==> flow/design.v <==
module my_data_mux_stage #(
    parameter DATA_WIDTH = 3,
    parameter LANES = 4,
    parameter SW = $clog2(LANES)
) (
    input  logic ck,
    input  logic nrst,
    input  logic [LANES*DATA_WIDTH-1:0] din,
    input  logic [SW-1:0] choose,
    output logic [DATA_WIDTH-1:0] dout
);
    logic [LANES*DATA_WIDTH-1:0] din_r;
    always_ff @(posedge ck or negedge nrst) begin
        if (~nrst) begin
            din_r <= 0;
        end else begin
            din_r <= din;
        end
    end
    logic [SW-1:0] choose_r;
    always_ff @(posedge ck or negedge nrst) begin
        if (~nrst) begin
            choose_r <= 0;
        end else begin
            choose_r <= choose;
        end
    end
    wire [DATA_WIDTH-1:0] node [1:2*LANES-1];
    generate
        for (genvar g = 0; g < LANES; g++) begin : blk
            assign node[LANES+g] = din_r[g*DATA_WIDTH +: DATA_WIDTH];
        end
        for (genvar g = 1; g < LANES; g++) begin : g_bit
            assign node[g] = choose_r[SW - $clog2(g+1)] ? node[2*g+1] : node[2*g];
        end
    endgenerate
    assign dout = node[1];
endmodule
## Tool chain data of my_data_mux_stage

Tool output for the design above, in the order of the flow.
Line numbers count from 1 in the design file above.
Cell names lack the library's common part.
Not given: n/a

| set-up | value |
|---|---|
| top | my_data_mux_stage |
| clock | ck |
| standard-cell library | sky130hd |
| library corner | tt_025C_1v80 |

## After elaboration

Source: Yosys, flattened and elaborated. Widths are those after wreduce; folded enables and synchronous resets count as part of the registers. Registers that Yosys merges into a memory's read port (data or address) are not register bits. Print and check cells do not count. Equal cells are merged and count once.

| bit counts | value |
|---|---|
| memory cells | 0 |
| bits of input ports | 16 |
| RAM bits | 0 |
| ROM bits | 0 |
| register bits after elaboration | 14 |
| output and inout port bits | 3 |
| latch bits | 0 |
| elaborated cells | 5 |
| clocked read ports x word width | 0 |

| cells by class | value |
|---|---|
| multipliers | 0 |
| equal/unequal tests | 0 |
| shift operators | 0 |
| add/sub/neg operators | 0 |
| mux-type cells | 3 |
| divide/modulo/power cells | 0 |
| bitwise operators | 0 |
| reductions and logical operators | 0 |
| order comparisons | 0 |

Operators by type and width:

| cell | count |
|---|---|
| two-way mux 3 bit | 3 |

## Depth

Depth = most cells in a row (Yosys ltp): at word level without a register or memory, in the mapped netlist without a sequential cell, where the memories' decode and read muxes count.

| depth | value |
|---|---|
| depth in word-level cells | 2 |
| ABC_AREA | 0 |
| mapped depth | 1 |

## Synthesis result

Yosys stat after the flow's synthesis: flattened, memories mapped to cells. It holds for the ABC_AREA given above (unset counts as 0); a run with the other value may have another netlist.

Cells by type:

| cell type | count | total area (um^2) |
|---|---|---|
| dfrtp_1 | 14 | 350.336 |
| mux4_1 | 3 | 78.826 |

| synthesis totals | value |
|---|---|
| sequential area | 0.0003503 mm^2 |
| cell count | 17 |
| cell area after synthesis | 0.0004292 mm^2 |
| buffers | 0 |
| flip-flops | 14 |

## Path before layout

Source: OpenSTA report_checks on the synthesized netlist (no wires, ideal clock, input and output delay 20% of the period each), path of least setup slack; recovery checks are left aside. Register names are those of the netlist, which keeps one name where synthesis merged equal registers.

| timing after synthesis | value |
|---|---|
| path kind | reg2out |
| start | register (name not given) |
| end | output dout[0] |
| path slack | 0.244 ns |
| stages | 2 |
| delay of the path | 0.980 ns |
| clock period | 1.53 ns |
| output delay | 0.306 ns |
| time at the first pin | 0.000 ns |
| required time | 1.224 ns |
| path buffers | 0 |
| arrival | 0.980 ns |
| synthesis period reached | 1.286 ns |

"delay of the path" is the arrival time less input delay plus setup time.
At an output port there is no setup time.
"stages" counts driving pins, that of a launching flip-flop among them; a cell with two outputs on the path counts twice.
"synthesis period reached" is the clock period less the worst setup slack; recovery checks do not enter. This is arithmetic on one report: input and output delays are still those of the set period (20% each).
Between the ends stands the longest chain of elaborated cells between them, by number of cells; it is not shown to be the way that was timed. Of several equally long chains one is given.
A line is the first line of the expression or statement that the cell stems from. Yosys adds cells for indexed reads and writes and turns some case tables into memories.

| between the ends, after synthesis | value |
|---|---|
| cell sequence | dfrtp_1 > mux4_1 |
| length of the longest elaborated chain | 2 |

RTL lines, path after synthesis:

| what | line | text |
|---|---|---|
| from (decl) | 20 |  |
| from (assign) | 23 |  |
| from (assign) | 25 |  |
| two-way mux 3 bit (2 in a row) | 34 |  |
| to (decl) | 10 | `output logic [DATA_WIDTH-1:0] dout` |

## Timing after layout

From the final timing report of record 2: the path of least setup slack in the routed layout; clock arrival at registers is part of the times.

| timing post-layout | value |
|---|---|
| path kind | reg2out |
| start | register (name not given) |
| end | output dout[1] |
| stages | 4 |
| path slack | -0.19 ns |
| arrival | 1.42 ns |
| output delay | 0.31 ns |
| time at the first pin | 0.26 ns |
| clock period | 1.53 ns |
| path buffers | 2 |
| required time | 1.22 ns |

Between the ends stands the longest chain of elaborated cells between them, by number of cells; it is not shown to be the way that was timed. Of several equally long chains one is given.

| between the ends, post-layout | value |
|---|---|
| cell sequence | dfrtp_1 > buf_4 > mux4_2 > buf_6 |
| length of the longest elaborated chain | 2 |

RTL lines, path post-layout:

| what | line | text |
|---|---|---|
| from (decl) | 20 |  |
| from (assign) | 23 |  |
| from (assign) | 25 |  |
| two-way mux 3 bit (2 in a row) | 34 |  |
| to (decl) | 10 | `output logic [DATA_WIDTH-1:0] dout` |

Appendix: measured runs

Measured results for my_data_mux_stage: 3 stored runs of the Yosys and OpenROAD flow on sky130hd. The settings differ; the order carries no meaning. The constraints put input and output delay at 20% of the set period each and load the outputs with 0.01 pF.
By "clock period reached" is meant the clock period of the run minus its worst setup slack. This is arithmetic on one report: input and output delays are still those of the set period (20% each).
"power consumption" is the tool's figure for a default switching activity; nothing was simulated.
Among the settings, . means not set for that run.
Among the results, . means that no value is shown for the run.

| item | record 1 | record 2 | record 3 |
|---|---|---|---|
| period_ns | 0.869 | 1.53 | 1.74 |
| CORE_UTILIZATION | 57 | 40 | 32 |
| SETUP_SLACK_MARGIN | 0.03 | . | 0.48 |
| PLACE_DENSITY_LB_ADDON | 0.15 | . | 0.07 |
| TNS_END_PERCENT | 100 | . | 65 |
| GPL_ROUTABILITY_DRIVEN | 1 | . | . |
| CTS_CLUSTER_SIZE | 39 | . | . |
| CAP_MARGIN | 20 | 20 | 30 |
| MIN_ROUTING_LAYER | met2 | . | met1 |
| MAX_ROUTING_LAYER | met4 | . | . |
| CORE_MARGIN | 2 | 2 | 2 |
| SLEW_MARGIN | 20 | 20 | 20 |
| HOLD_SLACK_MARGIN | . | . | 0.22 |
| CELL_PAD_IN_SITES_GLOBAL_PLACEMENT | . | . | 0 |
| ABC_AREA | . | . | 0 |
| GPL_TIMING_DRIVEN | . | . | 1 |
| CTS_CLUSTER_DIAMETER | . | . | 334 |
| chip area in the Yosys report (mm^2) | . | 0.0004292 | 0.0004292 |
| power consumption (mW) | . | 0.6928 | 0.6431 |
| area of the standard cells in the finished layout (mm^2) | . | 0.0006569 | 0.0006694 |
| die size (mm^2) | . | 0.0013509 | 0.00165 |
| clock period reached (ns) | . | 1.724 | 1.763 |
| utilization of the finished layout | . | 0.682 | 0.528 |
| worst setup slack after layout (ns) | . | -0.194 | -0.023 |

Record 1: no results, floorplanning failed with PDN-0185
